==> flow/design.v <==
module dp_add_unit_rtl #(
  parameter DATA_W = 40,
  parameter SLICE = 8
) (
  input  logic aclk,
  input  logic aresetn,
  input  logic enable,
  input  logic [DATA_W-1:0] rs1,
  input  logic [DATA_W-1:0] rs2,
  input  logic cin,
  output logic [DATA_W-1:0] q,
  output logic carry_out
);
  logic [DATA_W-1:0] rs1_s;
  logic [DATA_W-1:0] rs2_s;
  logic cin_s;
  always_ff @(posedge aclk) begin
    if (!aresetn) begin
      rs1_s <= 0;
      rs2_s <= 0;
      cin_s <= 1'b0;
    end else if (enable) begin
      rs1_s <= rs1;
      rs2_s <= rs2;
      cin_s <= cin;
    end
  end
  localparam GROUPS = DATA_W / SLICE;
  logic [DATA_W-1:0] t;
  logic [GROUPS:0] cy;
  assign cy[0] = cin_s;
  generate
    for (genvar k = 0; k < GROUPS; k++) begin : g_bit
      wire [SLICE:0] s0 = rs1_s[k*SLICE +: SLICE] + rs2_s[k*SLICE +: SLICE];
      wire [SLICE:0] s1 = rs1_s[k*SLICE +: SLICE] + rs2_s[k*SLICE +: SLICE] + 1'b1;
      assign {cy[k+1], t[k*SLICE +: SLICE]} = cy[k] ? s1 : s0;
    end
  endgenerate
  always_ff @(posedge aclk) begin
    if (!aresetn) begin
      q <= 0;
      carry_out <= 1'b0;
    end else if (enable) begin
      q <= t;
      carry_out <= cy[GROUPS];
    end
  end
endmodule
# From RTL to reports: dp_add_unit_rtl
# Tool output for the design above, in the order of the flow.
# Line numbers count from 1 in the design file above.
# Operators: Yosys type, input widths -> output width; for muxes data width and select width s.
# Library cell names are shortened.
inputs:
  top_module: "dp_add_unit_rtl"
  clock: "aclk"
  lib: "sky130hd"
  lib_corner: "tt_025C_1v80"

# After elaboration
# Yosys after proc, flatten, opt, wreduce and memory -nomap, before mapping. Enables and synchronous resets that opt folds into registers are not counted as muxes. Memory bits, and registers merged into a memory's read port (data or address), are not among the register bits. Print and check cells are not counted. Equal cells are merged and count once.
word_totals:
  ff_bits: 122
  out_inout_bits: 41
  elab_cells: 20
op_classes:
  n_addsub: 10
  n_mux: 5
op_table:
  columns: ["operator", "n"]
  rows:
  - ["$add 8x8->9", 5]
  - ["$add 9x1->9 const B", 5]
  - ["$mux 9", 5]

# Depth
# Depth = most cells in a row (Yosys ltp): at word level without a register or memory, in the mapped netlist without a sequential cell, where the memories' decode and read muxes count.
logic_depth:
  depth_word: 7
  abc_area: 0
  mapped_depth: 14
  mapped_depth_nobuf: 13

# After synthesis
# Source: synth_stat.txt of the flow (Yosys; design flattened, memories mapped). It holds for the ABC_AREA given above (unset counts as 0); a run with the other value may have another netlist.
# Totals and module areas in this step are rounded.
mapped:
  cells: 736
  synth_area_um2: 6720
  ffs: 122
  buf_cells: 35
by_type:
  columns: ["cell_type", "n"]
  rows:
  - ["dfxtp_1", 122]
  - ["mux2i_1", 89]
  - ["ha_1", 45]
  - ["nor2_1", 131]
  - ["xnor2_1", 31]
  - ["xor2_1", 20]
  - ["a211oi_1", 22]
  - ["o21ai_0", 31]
  - ["a21oi_1", 26]
  - ["clkbuf_1", 30]
  - ["fa_1", 5]
  - ["o21bai_1", 11]
  - ["nand2_1", 21]
  - ["a21o_1", 10]
  - ["nand3_1", 12]
  - ["nand4_1", 9]
  - ["or3_1", 9]
  - ["nor3_1", 11]
# Not listed: further types 49, cells in them 101.

# Worst setup path after synthesis
# OpenSTA on the mapped netlist: ideal clock, no wires. The path of least setup slack (recovery checks aside). Input and output delay are each 20% of the period. Register names are those of the netlist, which keeps one name where synthesis merged equal registers.
synth_path:
  path_type: "flip-flop to flip-flop"
  startpoint: "register rs1_s[0]"
  endpoint: "register q[30]"
  clock_period_ps: 5240
  setup_time_ps: 79
  t_arrival_ps: 4115
  path_slack_ps: 1045
  delay_ps: 4194
  driving_pins: 15
  synth_period_reached_ps: 4195
# "delay_ps" is the arrival time less input delay plus setup time.
# "driving_pins": output pins that drive a net of the path, with the launching flip-flop's if there is one; two outputs of one cell count as two.
# "synth_period_reached_ps" = period - worst setup slack (recovery checks aside). The figure is calculated, with input and output delays left at 20% of the set period.
# The rows between start and end are the longest chain of elaborated cells between them; the timing report does not say that the signal goes this way. Where chains are equally long, one stands for them.
# A line is the first line of the expression or statement that the cell stems from. Yosys adds cells for indexed reads and writes and turns some case tables into memories.
synth_via:
  cell_sequence: "dfxtp_1 > ha_1 > fa_1 > a21o_1 > a311o_1 > a22oi_2 > or3b_1 > o311a_1 > or2_4 > mux2_4 > or3_1 > buf_6 > or3_1 > xor2_1 > a211oi_2"
  elab_chain_len: 6
synth_rtl:
  columns: ["element", "line", "rtl"]
  rows:
  - ["from (decl)", 14, "logic [DATA_W-1:0] rs1_s;"]
  - ["from (assign)", 19, "rs1_s <= 0;"]
  - ["from (assign)", 23, "rs1_s <= rs1;"]
  - ["$add 8x8->9", 35, "wire [SLICE:0] s1 = rs1_s[k*SLICE +: SLICE] + rs2_s[k*SLICE +: SLICE] + 1'b1;"]
  - ["$add 9x1->9", 35, null]
  - ["$mux 9 (4 in a row)", 36, "assign {cy[k+1], t[k*SLICE +: SLICE]} = cy[k] ? s1 : s0;"]
  - ["to (assign)", 41, "q <= 0;"]
  - ["to (assign)", 44, "q <= t;"]
  - ["to (decl)", 11, "output logic [DATA_W-1:0] q,"]

# Timing after layout
# From the final timing report of run 1: the path of least setup slack in the routed layout; clock arrival at registers is part of the times.
# The report prints the path's times to 10 ps; the period is as set.
layout_path:
  path_type: "flip-flop to flip-flop"
  startpoint: "register rs1_s[0]"
  endpoint: "register q[38]"
  clock_period_ps: 5910
  setup_time_ps: 170
  t_arrival_ps: 4750
  path_slack_ps: 1400
  driving_pins: 14
# The rows between start and end are the longest chain of elaborated cells between them; the timing report does not say that the signal goes this way. Where chains are equally long, one stands for them.
layout_via:
  cell_sequence: "dfxtp_1 > ha_1 > fa_1 > a21o_1 > a311o_1 > a22oi_2 > or3b_1 > o311a_1 > or2_4 > mux2i_1 > nor3_4 > a2111oi_0 > or3b_1 > a31oi_1"
  elab_chain_len: 7
layout_rtl:
  columns: ["element", "line", "rtl"]
  rows:
  - ["from (decl)", 14, "logic [DATA_W-1:0] rs1_s;"]
  - ["from (assign)", 19, "rs1_s <= 0;"]
  - ["from (assign)", 23, "rs1_s <= rs1;"]
  - ["$add 8x8->9", 35, "wire [SLICE:0] s1 = rs1_s[k*SLICE +: SLICE] + rs2_s[k*SLICE +: SLICE] + 1'b1;"]
  - ["$add 9x1->9", 35, null]
  - ["$mux 9 (5 in a row)", 36, "assign {cy[k+1], t[k*SLICE +: SLICE]} = cy[k] ? s1 : s0;"]
  - ["to (assign)", 41, "q <= 0;"]
  - ["to (assign)", 44, "q <= t;"]
  - ["to (decl)", 11, "output logic [DATA_W-1:0] q,"]

Hand-over note for dp_add_unit_rtl

Design dp_add_unit_rtl on sky130hd. What follows are 3 stored runs of the flow, each under its own settings; their order means nothing. The constraints put input and output delay at 20% of the set period each and load the outputs with 0.01 pF.
By "achieved_period_ps" is meant the clock period of the run minus its worst setup slack. This is arithmetic on one report: input and output delays are still those of the set period (20% each).
"timing.worst_path_ps" is the time allowed to the run's worst setup path (the clock period less input and output delay, where it has them) less its slack. Clock arrival times count: a late capture clock shortens it, a late launch clock lengthens it.
"timing.worst_path_ps" is known to 10 ps.
Values from the reports are rounded here.

--- run 1 ---
==> flow/run.sh <==
#!/bin/bash
# the make line also repeats the synthesis and layout settings of config.mk as NAME=value (left out here)
make -C /OpenROAD-flow-scripts/flow DESIGN_CONFIG=/design/flow/config.mk WORK_HOME=/design/flow/orfs CLKGATE_MAP_FILE= finish
==> flow/config.mk <==
export PLATFORM = sky130hd
export DESIGN_NAME = dp_add_unit_rtl
export DESIGN_NICKNAME = dp_add_unit_rtl
export VERILOG_FILES = /design/flow/design.v
export SDC_FILE = /design/flow/constraint.sdc
export NUM_CORES = 4
export LEC_CHECK = 0
export CAP_MARGIN = 20
export CORE_ASPECT_RATIO = 1.86
export CORE_MARGIN = 10
export CORE_UTILIZATION = 61
export CTS_CLUSTER_SIZE = 17
export GPL_ROUTABILITY_DRIVEN = 1
export MAX_ROUTING_LAYER = met5
export PLACE_DENSITY_LB_ADDON = 0.14
export SETUP_SLACK_MARGIN = 1.09
export SLEW_MARGIN = 5
export TNS_END_PERCENT = 60
==> flow/constraint.sdc <==
create_clock -name core_clock -period 5.91 [get_ports {aclk}]
set_input_delay 1.1820 -clock core_clock [delete_from_list [all_inputs] [get_ports {aclk}]]
set_output_delay 1.1820 -clock core_clock [all_outputs]
set_load 0.01 [all_outputs]

==> results, as YAML <==
results:
  ys_area_um2: 6720
  timing.worst_path_ps: 4510
  worst_setup_path_type: "flip-flop to flip-flop"
  tns_ps: 0
  final_util_pct: 78.9
  achieved_period_ps: 4514
  dieArea_um2: 15800
  hold_worst_slack_ps: 489
  setup_ws_ps: 1400

--- run 2 ---
==> flow/run.sh <==
#!/bin/bash
# the make line also repeats the synthesis and layout settings of config.mk as NAME=value (left out here)
make -C /OpenROAD-flow-scripts/flow DESIGN_CONFIG=/design/flow/config.mk WORK_HOME=/design/flow/orfs CLKGATE_MAP_FILE= finish
==> flow/config.mk <==
export PLATFORM = sky130hd
export DESIGN_NAME = dp_add_unit_rtl
export DESIGN_NICKNAME = dp_add_unit_rtl
export VERILOG_FILES = /design/flow/design.v
export SDC_FILE = /design/flow/constraint.sdc
export NUM_CORES = 4
export LEC_CHECK = 0
export CAP_MARGIN = 20
export CORE_MARGIN = 2
export CORE_UTILIZATION = 40
export SLEW_MARGIN = 20
==> flow/constraint.sdc <==
create_clock -name core_clock -period 5.24 [get_ports {aclk}]
set_input_delay 1.0480 -clock core_clock [delete_from_list [all_inputs] [get_ports {aclk}]]
set_output_delay 1.0480 -clock core_clock [all_outputs]
set_load 0.01 [all_outputs]

==> results, as YAML <==
results:
  ys_area_um2: 6720
  timing.worst_path_ps: 4510
  worst_setup_path_type: "flip-flop to flip-flop"
  tns_ps: 0
  final_util_pct: 52.7
  achieved_period_ps: 4508
  dieArea_um2: 17900
  hold_worst_slack_ps: 488
  setup_ws_ps: 732

--- run 3 ---
==> flow/run.sh <==
#!/bin/bash
# the make line also repeats the synthesis and layout settings of config.mk as NAME=value (left out here)
make -C /OpenROAD-flow-scripts/flow DESIGN_CONFIG=/design/flow/config.mk WORK_HOME=/design/flow/orfs CLKGATE_MAP_FILE= finish
==> flow/config.mk <==
export PLATFORM = sky130hd
export DESIGN_NAME = dp_add_unit_rtl
export DESIGN_NICKNAME = dp_add_unit_rtl
export VERILOG_FILES = /design/flow/design.v
export SDC_FILE = /design/flow/constraint.sdc
export NUM_CORES = 4
export LEC_CHECK = 0
export ABC_AREA = 1
export CAP_MARGIN = 20
export CORE_MARGIN = 4
export CORE_UTILIZATION = 31
export CTS_CLUSTER_DIAMETER = 313
export GPL_TIMING_DRIVEN = 0
export PLACE_DENSITY_LB_ADDON = 0.05
export SETUP_SLACK_MARGIN = -0.65
export SLEW_MARGIN = 20
==> flow/constraint.sdc <==
create_clock -name core_clock -period 7.86 [get_ports {aclk}]
set_input_delay 1.5720 -clock core_clock [delete_from_list [all_inputs] [get_ports {aclk}]]
set_output_delay 1.5720 -clock core_clock [all_outputs]
set_load 0.01 [all_outputs]

==> results, as YAML <==
results:
  ys_area_um2: 7200
  timing.worst_path_ps: 1570
  worst_setup_path_type: "input port to flip-flop"
  tns_ps: 0
  final_util_pct: 41.8
  achieved_period_ps: 3140
  dieArea_um2: 25700
  hold_worst_slack_ps: 464
  setup_ws_ps: 4720

End of note.
